==> flow/design.v <==
module u_adder_stage #(
    parameter BITS = 56,
    parameter G = 8
) (
    input  wire clock,
    input  wire i_rst,
    input  wire [BITS-1:0] din,
    input  wire load,
    output wire [BITS+G-1:0] q
);
    reg [BITS+G-1:0] accum;
    always @(posedge clock or posedge i_rst) begin
        if (i_rst) begin
            accum <= 0;
        end else begin
            accum <= load ? 0 : accum + din;
        end
    end
    assign q = accum;
endmodule
---- Tool chain data of u_adder_stage ----
What the tools print for u_adder_stage, step after step.
Lines are those of the file above, counted from 1.
Operators carry their Yosys type and port widths (W data, S select, Z words).
The mark n/a stands for no value.
set-up
  top module .............................. u_adder_stage
  clock input ............................. clock
  standard-cell library ................... sky130hd
  timing corner ........................... tt_025C_1v80

---- Word level ----
Source: Yosys, flattened and elaborated, memories not mapped. Widths are those after wreduce; folded enables and synchronous resets count as part of the registers. Registers that Yosys merges into a memory's read port (data or address) are not register bits. Print and check cells do not count. Equal cells are merged and count once.
bit counts
  bits in registers ....................... 64
  bits in latches ......................... 0
  memory bits (writable) .................. 0
  ROM bits ................................ 0
  clocked read ports x word width ......... 0
  memories ................................ 0
  input bits .............................. 59
  output and inout bits ................... 64
  elaborated cells ........................ 3
operators by class
  $add $sub $neg .......................... 1
  multiply operators ...................... 0
  divide/modulo/power cells ............... 0
  order comparisons ....................... 0
  equality and inequality tests ........... 0
  shift-type cells ........................ 0
  multiplexer cells ....................... 1
  bitwise gates (word level) .............. 0
  reductions and logical operators ........ 0
operators by type and width
  kind              count
  $add A64 B56 Y64  1
  $mux W64          1

---- Depth ----
Yosys ltp: most cells in a row. Word level: on the elaborated netlist, between registers, memories and ports. Mapped: between sequential cells and ports; inverters and the memories' decode and read muxes count.
depth
  word-level depth ........................ 2
  ABC_AREA ................................ 1
  depth in mapped cells ................... 16
  gate-level depth less buffers ........... 16

---- Netlist ----
Yosys stat after the flow's synthesis: flattened, memories mapped to cells. It holds for the ABC_AREA given above (unset counts as 0); a run with the other value may have another netlist.
mapped netlist
  cells in the netlist .................... 1381
  chip area (Yosys) ....................... 0.0076161 mm^2
  sequential part of the area ............. 0.0016015 mm^2
  flip-flops .............................. 64
  buffer cells ............................ 7
cells by type
  type                       count  total area (um^2)
  sky130_fd_sc_hd__nand2_1   547    2.05E+03
  sky130_fd_sc_hd__dfrtp_1   64     1.6E+03
  sky130_fd_sc_hd__inv_1     326    1.22E+03
  sky130_fd_sc_hd__ha_1      56     700.672
  sky130_fd_sc_hd__nor2_1    118    442.925
  sky130_fd_sc_hd__a21oi_1   79     395.379
  sky130_fd_sc_hd__nand3_1   51     255.245
  sky130_fd_sc_hd__nand2_2   30     187.68
  sky130_fd_sc_hd__nor2_2    20     125.12
  sky130_fd_sc_hd__o21ai_0   20     100.096
  sky130_fd_sc_hd__xnor2_1   11     96.342
  sky130_fd_sc_hd__nand3_2   7      70.067
  sky130_fd_sc_hd__nor2_4    5      56.304
  sky130_fd_sc_hd__nor3_1    11     55.053
  sky130_fd_sc_hd__nand4_1   7      43.792
  sky130_fd_sc_hd__o21bai_1  5      37.536
  sky130_fd_sc_hd__fa_1      1      20.019
  sky130_fd_sc_hd__nand3b_4  1      20.019
Not listed: further types 10, cells in them 22.

---- Timing after synthesis ----
Source: OpenSTA report_checks on the synthesized netlist (no wires, ideal clock, input and output delay 20% of the period each), path of least setup slack; recovery checks are left aside. Register names are those of the netlist, which keeps one name where synthesis merged equal registers.
timing path after synthesis
  kind .................................... input to register
  start ................................... in din[0]
  end ..................................... reg accum[62]
  clock period ............................ 3.82 ns
  input delay ............................. 0.764 ns
  setup time .............................. 0.119 ns
  time at the first pin ................... 0.764 ns
  arrival time ............................ 2.151 ns
  required time ........................... 3.701 ns
  path slack .............................. 1.550 ns
  delay of the path ....................... 1.506 ns
  stages .................................. 15
  buffers on the path ..................... 0
  synthesis period reached ................ 2.27 ns
"delay of the path" = arrival - input delay + setup time.
"stages": output pins that drive a net of the path, with the launching flip-flop's if there is one; two outputs of one cell count as two.
"synthesis period reached" = period - worst setup slack (recovery checks aside). The figure is calculated, with input and output delays left at 20% of the set period.
The rows between start and end are the longest chain of elaborated cells between them; the timing report does not say that the signal goes this way. Where chains are equally long, one stands for them.
A line is the first line of the expression or statement that the cell stems from. Yosys adds cells for indexed reads and writes and turns some case tables into memories.
between the ends, after synthesis
  cells stage by stage .................... sky130_fd_sc_hd__ha_1 -> sky130_fd_sc_hd__inv_1 -> sky130_fd_sc_hd__fa_1 -> sky130_fd_sc_hd__inv_1 -> sky130_fd_sc_hd__nand3_1 -> sky130_fd_sc_hd__inv_1 -> sky130_fd_sc_hd__nand2_1 -> sky130_fd_sc_hd__nand3_1 -> sky130_fd_sc_hd__nand2_1 -> sky130_fd_sc_hd__nand2_2 -> sky130_fd_sc_hd__nand2_1 -> sky130_fd_sc_hd__nand2_2 -> sky130_fd_sc_hd__nand2_1 -> sky130_fd_sc_hd__a21oi_1 -> sky130_fd_sc_hd__nor2_1
  cells in the longest elaborated chain ... 2
  elaborated cells on any way between the ends .. 2
  RTL lines with such cells ............... 1
  classes of those cells .................. add/sub (1); mux (1)
ends and longest elaborated chain, after synthesis
  item              RTL line  source
  start, declared   7         input  wire [BITS-1:0] din,
  $add A64 B56 Y64  16        accum <= load ? 0 : accum + din;
  $mux W64          16
  end, assigned     14        accum <= 0;
  end, assigned     16
  end, declared     11        reg [BITS+G-1:0] accum;

---- Worst path after layout ----
Path of least setup slack in the final report of flow run A (OpenROAD, finished layout, wires in). Where an end is a register, its clock arrival counts in the times.
timing path after layout
  kind .................................... register to register
  start ................................... reg accum[27]
  end ..................................... reg accum[30]
  clock period ............................ 1.86 ns
  setup time .............................. 0.07 ns
  time at the first pin ................... 0.35 ns
  arrival time ............................ 2.51 ns
  required time ........................... 2.14 ns
  path slack .............................. -0.36 ns
  stages .................................. 13
  buffers on the path ..................... 4
The rows between start and end are the longest chain of elaborated cells between them; the timing report does not say that the signal goes this way. Where chains are equally long, one stands for them.
between the ends, after layout
  cells stage by stage .................... sky130_fd_sc_hd__dfrtp_1 -> sky130_fd_sc_hd__ha_4 -> sky130_fd_sc_hd__buf_4 -> sky130_fd_sc_hd__nand2_2 -> sky130_fd_sc_hd__nor2_2 -> sky130_fd_sc_hd__buf_4 -> sky130_fd_sc_hd__nand2_1 -> sky130_fd_sc_hd__nand2_4 -> sky130_fd_sc_hd__a21oi_4 -> sky130_fd_sc_hd__nand2_4 -> sky130_fd_sc_hd__buf_6 -> sky130_fd_sc_hd__buf_4 -> sky130_fd_sc_hd__a21oi_2
  cells in the longest elaborated chain ... 2
  elaborated cells on any way between the ends .. 2
  RTL lines with such cells ............... 1
  classes of those cells .................. add/sub (1); mux (1)
ends and longest elaborated chain, after layout
  item              RTL line  source
  start, declared   11        reg [BITS+G-1:0] accum;
  start, assigned   14        accum <= 0;
  start, assigned   16        accum <= load ? 0 : accum + din;
  $add A64 B56 Y64  16
  $mux W64          16
  end, assigned     14
  end, assigned     16
  end, declared     11

Hand-over note for u_adder_stage

u_adder_stage through Yosys and OpenROAD on sky130hd: 3 stored runs, unordered, with their settings and measured results. The constraints put input and output delay at 20% of the set period each and load the outputs with 0.01 pF.
"clock period reached": clock period set for the run, less the worst setup slack. It is reckoned from that one timing run; input and output delays stay at 20% of the period that was set.
"worst setup path time" = time allowed to the worst setup path (clock period - input delay - output delay, where it has them) - its slack; a late launch clock adds to it, a late capture clock takes from it.
"power" is the tool's figure for a default switching activity; nothing was simulated.

======== flow run A ========
==> flow/run.sh <==
#!/bin/bash
# the make line also repeats the synthesis and layout settings of config.mk as NAME=value (left out here)
make -C /OpenROAD-flow-scripts/flow DESIGN_CONFIG=/design/flow/config.mk WORK_HOME=/design/flow/orfs CLKGATE_MAP_FILE= finish
==> flow/config.mk <==
export PLATFORM = sky130hd
export DESIGN_NAME = u_adder_stage
export DESIGN_NICKNAME = u_adder_stage
export VERILOG_FILES = /design/flow/design.v
export SDC_FILE = /design/flow/constraint.sdc
export NUM_CORES = 4
export LEC_CHECK = 0
export ABC_AREA = 1
export CAP_MARGIN = 40
export CELL_PAD_IN_SITES_DETAIL_PLACEMENT = 1
export CELL_PAD_IN_SITES_GLOBAL_PLACEMENT = 3
export CORE_MARGIN = 9
export CORE_UTILIZATION = 30
export CTS_CLUSTER_DIAMETER = 121
export MAX_ROUTING_LAYER = met4
export MIN_ROUTING_LAYER = met2
export PLACE_DENSITY_LB_ADDON = 0.23
export SETUP_SLACK_MARGIN = 0.08
export SLEW_MARGIN = 20
==> flow/constraint.sdc <==
create_clock -name core_clock -period 1.86 [get_ports {clock}]
set_input_delay 0.3720 -clock core_clock [delete_from_list [all_inputs] [get_ports {clock}]]
set_output_delay 0.3720 -clock core_clock [all_outputs]
set_load 0.01 [all_outputs]

-------- measured, flow run A --------
  clock period reached .................... 2.225 ns
  post-route setup TNS .................... -8.494 ns
  smallest setup slack .................... -0.365 ns
  worst setup path time ................... 2.22 ns
  critical path kind ...................... register to register
  full die area ........................... 0.0314459 mm^2
  power ................................... 23.382 mW
  utilization of the finished layout ...... 0.594
  mapped cell area after synthesis ........ 0.0076161 mm^2
  standard-cell area of the final layout .. 0.0146228 mm^2

======== flow run B ========
==> flow/run.sh <==
#!/bin/bash
# the make line also repeats the synthesis and layout settings of config.mk as NAME=value (left out here)
make -C /OpenROAD-flow-scripts/flow DESIGN_CONFIG=/design/flow/config.mk WORK_HOME=/design/flow/orfs CLKGATE_MAP_FILE= finish
==> flow/config.mk <==
export PLATFORM = sky130hd
export DESIGN_NAME = u_adder_stage
export DESIGN_NICKNAME = u_adder_stage
export VERILOG_FILES = /design/flow/design.v
export SDC_FILE = /design/flow/constraint.sdc
export NUM_CORES = 4
export LEC_CHECK = 0
export CAP_MARGIN = 20
export CORE_MARGIN = 2
export CORE_UTILIZATION = 40
export SLEW_MARGIN = 20
==> flow/constraint.sdc <==
create_clock -name core_clock -period 3.82 [get_ports {clock}]
set_input_delay 0.7640 -clock core_clock [delete_from_list [all_inputs] [get_ports {clock}]]
set_output_delay 0.7640 -clock core_clock [all_outputs]
set_load 0.01 [all_outputs]

-------- measured, flow run B --------
  clock period reached .................... 3.506 ns
  post-route setup TNS .................... 0.000 ns
  smallest setup slack .................... 0.314 ns
  worst setup path time ................... 2.74 ns
  critical path kind ...................... input to register
  full die area ........................... 0.0148767 mm^2
  power ................................... 6.536 mW
  utilization of the finished layout ...... 0.558
  mapped cell area after synthesis ........ 0.0055666 mm^2
  standard-cell area of the final layout .. 0.0076548 mm^2

======== flow run C ========
==> flow/run.sh <==
#!/bin/bash
# the make line also repeats the synthesis and layout settings of config.mk as NAME=value (left out here)
make -C /OpenROAD-flow-scripts/flow DESIGN_CONFIG=/design/flow/config.mk WORK_HOME=/design/flow/orfs CLKGATE_MAP_FILE= finish
==> flow/config.mk <==
export PLATFORM = sky130hd
export DESIGN_NAME = u_adder_stage
export DESIGN_NICKNAME = u_adder_stage
export VERILOG_FILES = /design/flow/design.v
export SDC_FILE = /design/flow/constraint.sdc
export NUM_CORES = 4
export LEC_CHECK = 0
export ABC_AREA = 1
export CAP_MARGIN = 0
export CORE_MARGIN = 2
export CORE_UTILIZATION = 63
export GPL_TIMING_DRIVEN = 0
export PLACE_DENSITY_LB_ADDON = 0.16
export SLEW_MARGIN = 20
==> flow/constraint.sdc <==
create_clock -name core_clock -period 4.87 [get_ports {clock}]
set_input_delay 0.9740 -clock core_clock [delete_from_list [all_inputs] [get_ports {clock}]]
set_output_delay 0.9740 -clock core_clock [all_outputs]
set_load 0.01 [all_outputs]

-------- measured, flow run C --------
  clock period reached .................... 3.283 ns
  post-route setup TNS .................... 0.000 ns
  smallest setup slack .................... 1.587 ns
  worst setup path time ................... 2.31 ns
  critical path kind ...................... input to register
  full die area ........................... 0.0129846 mm^2
  power ................................... 5.194 mW
  utilization of the finished layout ...... 0.788
  mapped cell area after synthesis ........ 0.0076161 mm^2
  standard-cell area of the final layout .. 0.009389 mm^2

End of note.
